==> flow/design.v <==
module my_diff_unit_rtl #(
  parameter integer W = 6
) (
  input  logic CLK,
  input  logic clr,
  input  logic en,
  input  logic [W-1:0] arg0_i,
  input  logic [W-1:0] arg1_i,
  input  logic dir_i,
  output logic [W-1:0] delta_o
);
  logic [W-1:0] arg0_s;
  logic [W-1:0] arg1_s;
  logic dir_s;
  always_ff @(posedge CLK) begin
    if (clr) begin
      arg0_s <= 0;
      arg1_s <= 0;
      dir_s <= 1'b0;
    end else if (en) begin
      arg0_s <= arg0_i;
      arg1_s <= arg1_i;
      dir_s <= dir_i;
    end
  end
  logic [W-1:0] t;
  always_comb begin
    if (dir_s)
      t = arg0_s - arg1_s;
    else
      t = arg0_s + arg1_s;
  end
  always_ff @(posedge CLK) begin
    if (clr) begin
      delta_o <= 0;
    end else if (en) begin
      delta_o <= t;
    end
  end
endmodule
### Tool chain data of my_diff_unit_rtl

Module my_diff_unit_rtl in several versions that differ in "W"; each step lists the members.
The RTL above is that of W 6; lines are counted from 1 in the file of the member named.
Operators carry their Yosys type and port widths (W data, S select, Z words).
Cell names lack the library's common part.
Not given: n/a

* top module: my_diff_unit_rtl
* clock port: CLK
* library: sky130hd
* corner: tt_025C_1v80

### Source of the members

Lines of each other member's file that are new or changed against the file above; lines that a member lacks are not shown.

New or changed lines
* W 40: RTL line 2 `parameter integer W = 40`
* W 56: RTL line 2 `parameter integer W = 56`
* W 64: RTL line 2 `parameter integer W = 64`
* W 96: RTL line 2 `parameter integer W = 96`
* W 128: RTL line 2 `parameter integer W = 128`

### Word-level counts

Yosys after proc, flatten, opt, wreduce and memory -nomap, before mapping. Enables and synchronous resets that opt folds into registers are not counted as muxes. Memory bits, and registers merged into a memory's read port (data or address), are not among the register bits. Print and check cells are not counted. Equal cells are merged and count once.

Operators by class
* W 6: add/sub/neg operators 2, muxes and demuxes 1
* W 40: add/sub/neg operators 2, muxes and demuxes 1
* W 56: add/sub/neg operators 2, muxes and demuxes 1
* W 64: add/sub/neg operators 2, muxes and demuxes 1
* W 96: add/sub/neg operators 2, muxes and demuxes 1
* W 128: add/sub/neg operators 2, muxes and demuxes 1

Operators with widths (kinds with counts)
* W 6: $add A6 B6 Y6 (1); $sub A6 B6 Y6 (1); $mux W6 (1)
* W 40: $add A40 B40 Y40 (1); $sub A40 B40 Y40 (1); $mux W40 (1)
* W 56: $add A56 B56 Y56 (1); $sub A56 B56 Y56 (1); $mux W56 (1)
* W 64: $add A64 B64 Y64 (1); $sub A64 B64 Y64 (1); $mux W64 (1)
* W 96: $add A96 B96 Y96 (1); $sub A96 B96 Y96 (1); $mux W96 (1)
* W 128: $add A128 B128 Y128 (1); $sub A128 B128 Y128 (1); $mux W128 (1)

Storage and ports
* W 6: bits in registers 19, input port bits 16, output and inout port bits 6
* W 40: bits in registers 121, input port bits 84, output and inout port bits 40
* W 56: bits in registers 169, input port bits 116, output and inout port bits 56
* W 64: bits in registers 193, input port bits 132, output and inout port bits 64
* W 96: bits in registers 289, input port bits 196, output and inout port bits 96
* W 128: bits in registers 385, input port bits 260, output and inout port bits 128

### Depth

Depth = most cells in a row (Yosys ltp): at word level without a register or memory, in the mapped netlist without a sequential cell, where the memories' decode and read muxes count.

Logic depth
* W 6: depth after elaboration 2, ABC_AREA 0, gate-level depth with buffers 9
* W 40: depth after elaboration 2, ABC_AREA 0, gate-level depth with buffers 20
* W 56: depth after elaboration 2, ABC_AREA 0, gate-level depth with buffers 21
* W 64: depth after elaboration 2, ABC_AREA 0, gate-level depth with buffers 21
* W 96: depth after elaboration 2, ABC_AREA 0, gate-level depth with buffers 24
* W 128: depth after elaboration 2, ABC_AREA 0, gate-level depth with buffers 25

### Synthesis result

The flow's flattened synthesis, as Yosys stat reports it; memories are mapped. The netlist is that of the ABC_AREA named above (0 if unset); the other value can give another one.
Totals and module areas in this step are rounded.

Cell types (type and count)
* W 6: dfxtp_1 (19); mux2i_1 (15); ha_1 (6); nor2_1 (18); xnor2_1 (3); xor2_1 (3); a211oi_1 (3); fa_1 (1); inv_1 (5); nand2b_1 (3); o2111ai_1 (2); a21o_1 (2); a21oi_1 (3); o21a_1 (2); o211ai_2 (1); buf_1 (3); o41a_1 (1); or3_4 (1); [+13]
* W 40: dfxtp_1 (121); mux2i_1 (99); nor2_1 (155); ha_1 (40); xnor2_1 (50); a21oi_1 (59); a21o_1 (23); nand2_1 (38); nand2b_1 (22); clkbuf_1 (35); xor2_1 (13); nor3_1 (19); o21ai_0 (19); a211oi_1 (9); inv_1 (17); nand3_1 (12); o22ai_1 (8); nand3b_1 (6); [+123]
* W 56: dfxtp_1 (169); mux2i_1 (145); nor2_1 (224); xnor2_1 (83); ha_1 (56); a21oi_1 (108); nand2_1 (67); clkbuf_1 (46); a21o_1 (22); o21ai_0 (30); inv_1 (31); xor2_1 (13); nor3_1 (21); a31oi_1 (15); nand4_1 (14); nor4_4 (4); o211ai_1 (10); buf_1 (18); [+150]
* W 64: dfxtp_1 (193); mux2i_1 (169); nor2_1 (256); ha_1 (64); xnor2_1 (85); a21oi_1 (124); nand2_1 (73); clkbuf_1 (61); o21ai_0 (45); xor2_1 (24); a21o_1 (25); nor3_1 (37); inv_1 (42); nand3_1 (30); nand4_1 (21); o21bai_1 (17); buf_1 (24); a31oi_1 (14); [+166]
* W 96: dfxtp_1 (289); mux2i_1 (236); nor2_1 (377); xnor2_1 (145); ha_1 (97); a21oi_1 (178); nand2_1 (142); o21ai_0 (103); clkbuf_1 (91); xor2_1 (38); a21o_1 (37); nand4_1 (44); nor3_1 (49); a31oi_1 (39); o21bai_1 (31); inv_1 (55); nand3_1 (27); o21a_1 (16); [+225]
* W 128: dfxtp_1 (385); mux2i_1 (322); nor2_1 (520); ha_1 (128); xnor2_1 (179); a21oi_1 (262); nand2_1 (212); o21ai_0 (154); xor2_1 (62); clkbuf_1 (118); nand4_1 (68); a21o_1 (55); nor3_1 (68); o21bai_1 (40); inv_1 (69); a31oi_1 (40); o31ai_1 (22); o21a_1 (20); [+327]

The mark [+n] counts cells that are not listed.

Mapped netlist
* W 6: mapped cells 104, synthesis area 1000 um^2, sequential part of the area 380 um^2, mapped flip-flops 19
* W 40: mapped cells 868, synthesis area 7300 um^2, sequential part of the area 2400 um^2, mapped flip-flops 121
* W 56: mapped cells 1226, synthesis area 10000 um^2, sequential part of the area 3400 um^2, mapped flip-flops 169
* W 64: mapped cells 1470, synthesis area 12000 um^2, sequential part of the area 3900 um^2, mapped flip-flops 193
* W 96: mapped cells 2219, synthesis area 18000 um^2, sequential part of the area 5800 um^2, mapped flip-flops 289
* W 128: mapped cells 3051, synthesis area 25000 um^2, sequential part of the area 7700 um^2, mapped flip-flops 385

### Timing after synthesis

Source: OpenSTA report_checks on the synthesized netlist (no wires, ideal clock, input and output delay 20% of the period each), path of least setup slack; recovery checks are left aside. Register names are those of the netlist, which keeps one name where synthesis merged equal registers.

Path after synthesis
* W 6: path type register to register, start reg arg1_s[0], end reg delta_o[3], period 2.33 ns, path slack 0.465 ns, stages on the path 9, delay of the path 1.865 ns, synthesis period reached 1.865 ns
* W 40: path type register to register, start reg arg1_s[0], end reg delta_o[39], period 4.8 ns, path slack 0.963 ns, stages on the path 21, delay of the path 3.837 ns, synthesis period reached 3.837 ns
* W 56: path type register to register, start reg arg1_s[6], end reg delta_o[55], period 6.1 ns, path slack 1.219 ns, stages on the path 20, delay of the path 4.881 ns, synthesis period reached 4.881 ns
* W 64: path type register to register, start reg arg1_s[3], end reg delta_o[61], period 5.33 ns, path slack 1.069 ns, stages on the path 20, delay of the path 4.261 ns, synthesis period reached 4.261 ns
* W 96: path type register to register, start reg arg1_s[10], end reg delta_o[95], period 6.15 ns, path slack 1.232 ns, stages on the path 24, delay of the path 4.918 ns, synthesis period reached 4.918 ns
* W 128: path type register to register, start reg arg1_s[12], end reg delta_o[120], period 6.84 ns, path slack 1.366 ns, stages on the path 25, delay of the path 5.474 ns, synthesis period reached 5.474 ns

"delay of the path" = arrival - input delay + setup time.
"stages on the path" counts driving pins, that of a launching flip-flop among them; a cell with two outputs on the path counts twice.
"synthesis period reached" = period - worst setup slack (recovery checks aside). The figure is calculated, with input and output delays left at 20% of the set period.
The rows between start and end are the longest chain of elaborated cells between them; the timing report does not say that the signal goes this way. Where chains are equally long, one stands for them.
Each line given opens the expression or statement behind the cell; cells for indexed reads and writes are added by Yosys, which also makes memories of some case tables.

Between the ends, after synthesis, W 6:
* length of the longest elaborated chain: 2

RTL lines, path after synthesis, W 6
* from (decl): RTL line 13 `logic [W-1:0] arg1_s;`
* from (assign): RTL line 18 `arg1_s <= 0;`
* from (assign): RTL line 22 `arg1_s <= arg1_i;`
* $add A6 B6 Y6: RTL line 31 `t = arg0_s + arg1_s;`
* $mux W6: RTL line 28 `if (dir_s)`
* to (assign): RTL line 35 `delta_o <= 0;`
* to (assign): RTL line 37 `delta_o <= t;`
* to (decl): RTL line 10 `output logic [W-1:0] delta_o`

Between the ends, after synthesis, W 128:
* length of the longest elaborated chain: 2

RTL lines, path after synthesis, W 128
* from (decl): RTL line 13 `logic [W-1:0] arg1_s;`
* from (assign): RTL line 18 `arg1_s <= 0;`
* from (assign): RTL line 22 `arg1_s <= arg1_i;`
* $add A128 B128 Y128: RTL line 31 `t = arg0_s + arg1_s;`
* $mux W128: RTL line 28 `if (dir_s)`
* to (assign): RTL line 35 `delta_o <= 0;`
* to (assign): RTL line 37 `delta_o <= t;`
* to (decl): RTL line 10 `output logic [W-1:0] delta_o`

### Worst path after layout

From the final timing report of the run of each member: the path of least setup slack in the routed layout; clock arrival at registers is part of the times.

Path after layout
* W 6: path type register to register, start reg arg1_s[1], end reg delta_o[4], period 2.33 ns, path slack 0.27 ns, stages on the path 9, arrival time 2.25 ns, path buffers 0
* W 40: path type register to register, start reg arg1_s[0], end reg delta_o[31], period 4.8 ns, path slack 0.47 ns, stages on the path 17, arrival time 4.60 ns, path buffers 0
* W 56: path type register to register, start reg arg1_s[6], end reg delta_o[55], period 6.1 ns, path slack 0.41 ns, stages on the path 19, arrival time 5.96 ns, path buffers 0
* W 64: path type register to register, start reg arg1_s[15], end reg delta_o[55], period 5.33 ns, path slack 0.46 ns, stages on the path 18, arrival time 5.16 ns, path buffers 0
* W 96: path type register to register, start reg arg1_s[16], end reg delta_o[92], period 6.15 ns, path slack 0.45 ns, stages on the path 22, arrival time 6.12 ns, path buffers 0
* W 128: path type register to register, start reg arg1_s[12], end reg delta_o[121], period 6.84 ns, path slack 0.31 ns, stages on the path 21, arrival time 6.97 ns, path buffers 1

### Measured runs

Settings and results of one run of the flow (Yosys, OpenROAD) for each member follow. The constraints put input and output delay at 20% of the set period each and load the outputs with 0.01 pF.

* CAP_MARGIN: 20
* CORE_MARGIN: 2
* CORE_UTILIZATION: 40
* SLEW_MARGIN: 20

Settings by member (period_ns)
* W 6: 2.33
* W 40: 4.8
* W 56: 6.1
* W 64: 5.33
* W 96: 6.15
* W 128: 6.84

Results
* W 6: Yosys chip area after synthesis 1000 um^2, full die area 2900 um^2, post-layout utilization 53%, smallest setup slack 0.27 ns, setup total negative slack 0.000 ns, worst hold slack after layout 0.49 ns, total power of the final layout 0.78 mW, achieved period 2.063 ns
* W 40: Yosys chip area after synthesis 7300 um^2, full die area 19000 um^2, post-layout utilization 52%, smallest setup slack 0.47 ns, setup total negative slack 0.000 ns, worst hold slack after layout 0.47 ns, total power of the final layout 3.4 mW, achieved period 4.329 ns
* W 56: Yosys chip area after synthesis 10000 um^2, full die area 27000 um^2, post-layout utilization 51%, smallest setup slack 0.41 ns, setup total negative slack 0.000 ns, worst hold slack after layout 0.48 ns, total power of the final layout 3.4 mW, achieved period 5.691 ns
* W 64: Yosys chip area after synthesis 12000 um^2, full die area 32000 um^2, post-layout utilization 50%, smallest setup slack 0.46 ns, setup total negative slack 0.000 ns, worst hold slack after layout 0.48 ns, total power of the final layout 4.2 mW, achieved period 4.872 ns
* W 96: Yosys chip area after synthesis 18000 um^2, full die area 47000 um^2, post-layout utilization 51%, smallest setup slack 0.45 ns, setup total negative slack 0.000 ns, worst hold slack after layout 0.45 ns, total power of the final layout 6.0 mW, achieved period 5.700 ns
* W 128: Yosys chip area after synthesis 25000 um^2, full die area 64000 um^2, post-layout utilization 51%, smallest setup slack 0.31 ns, setup total negative slack 0.000 ns, worst hold slack after layout 0.45 ns, total power of the final layout 7.1 mW, achieved period 6.528 ns

By "achieved period" is meant the clock period of the run minus its worst setup slack. This is arithmetic on one report: input and output delays are still those of the set period (20% each).
By "total power of the final layout" is meant OpenSTA's value without simulated activity: inputs other than the clock are taken to toggle once in ten clock periods, and the tool carries that through the logic.
The results are shown rounded.
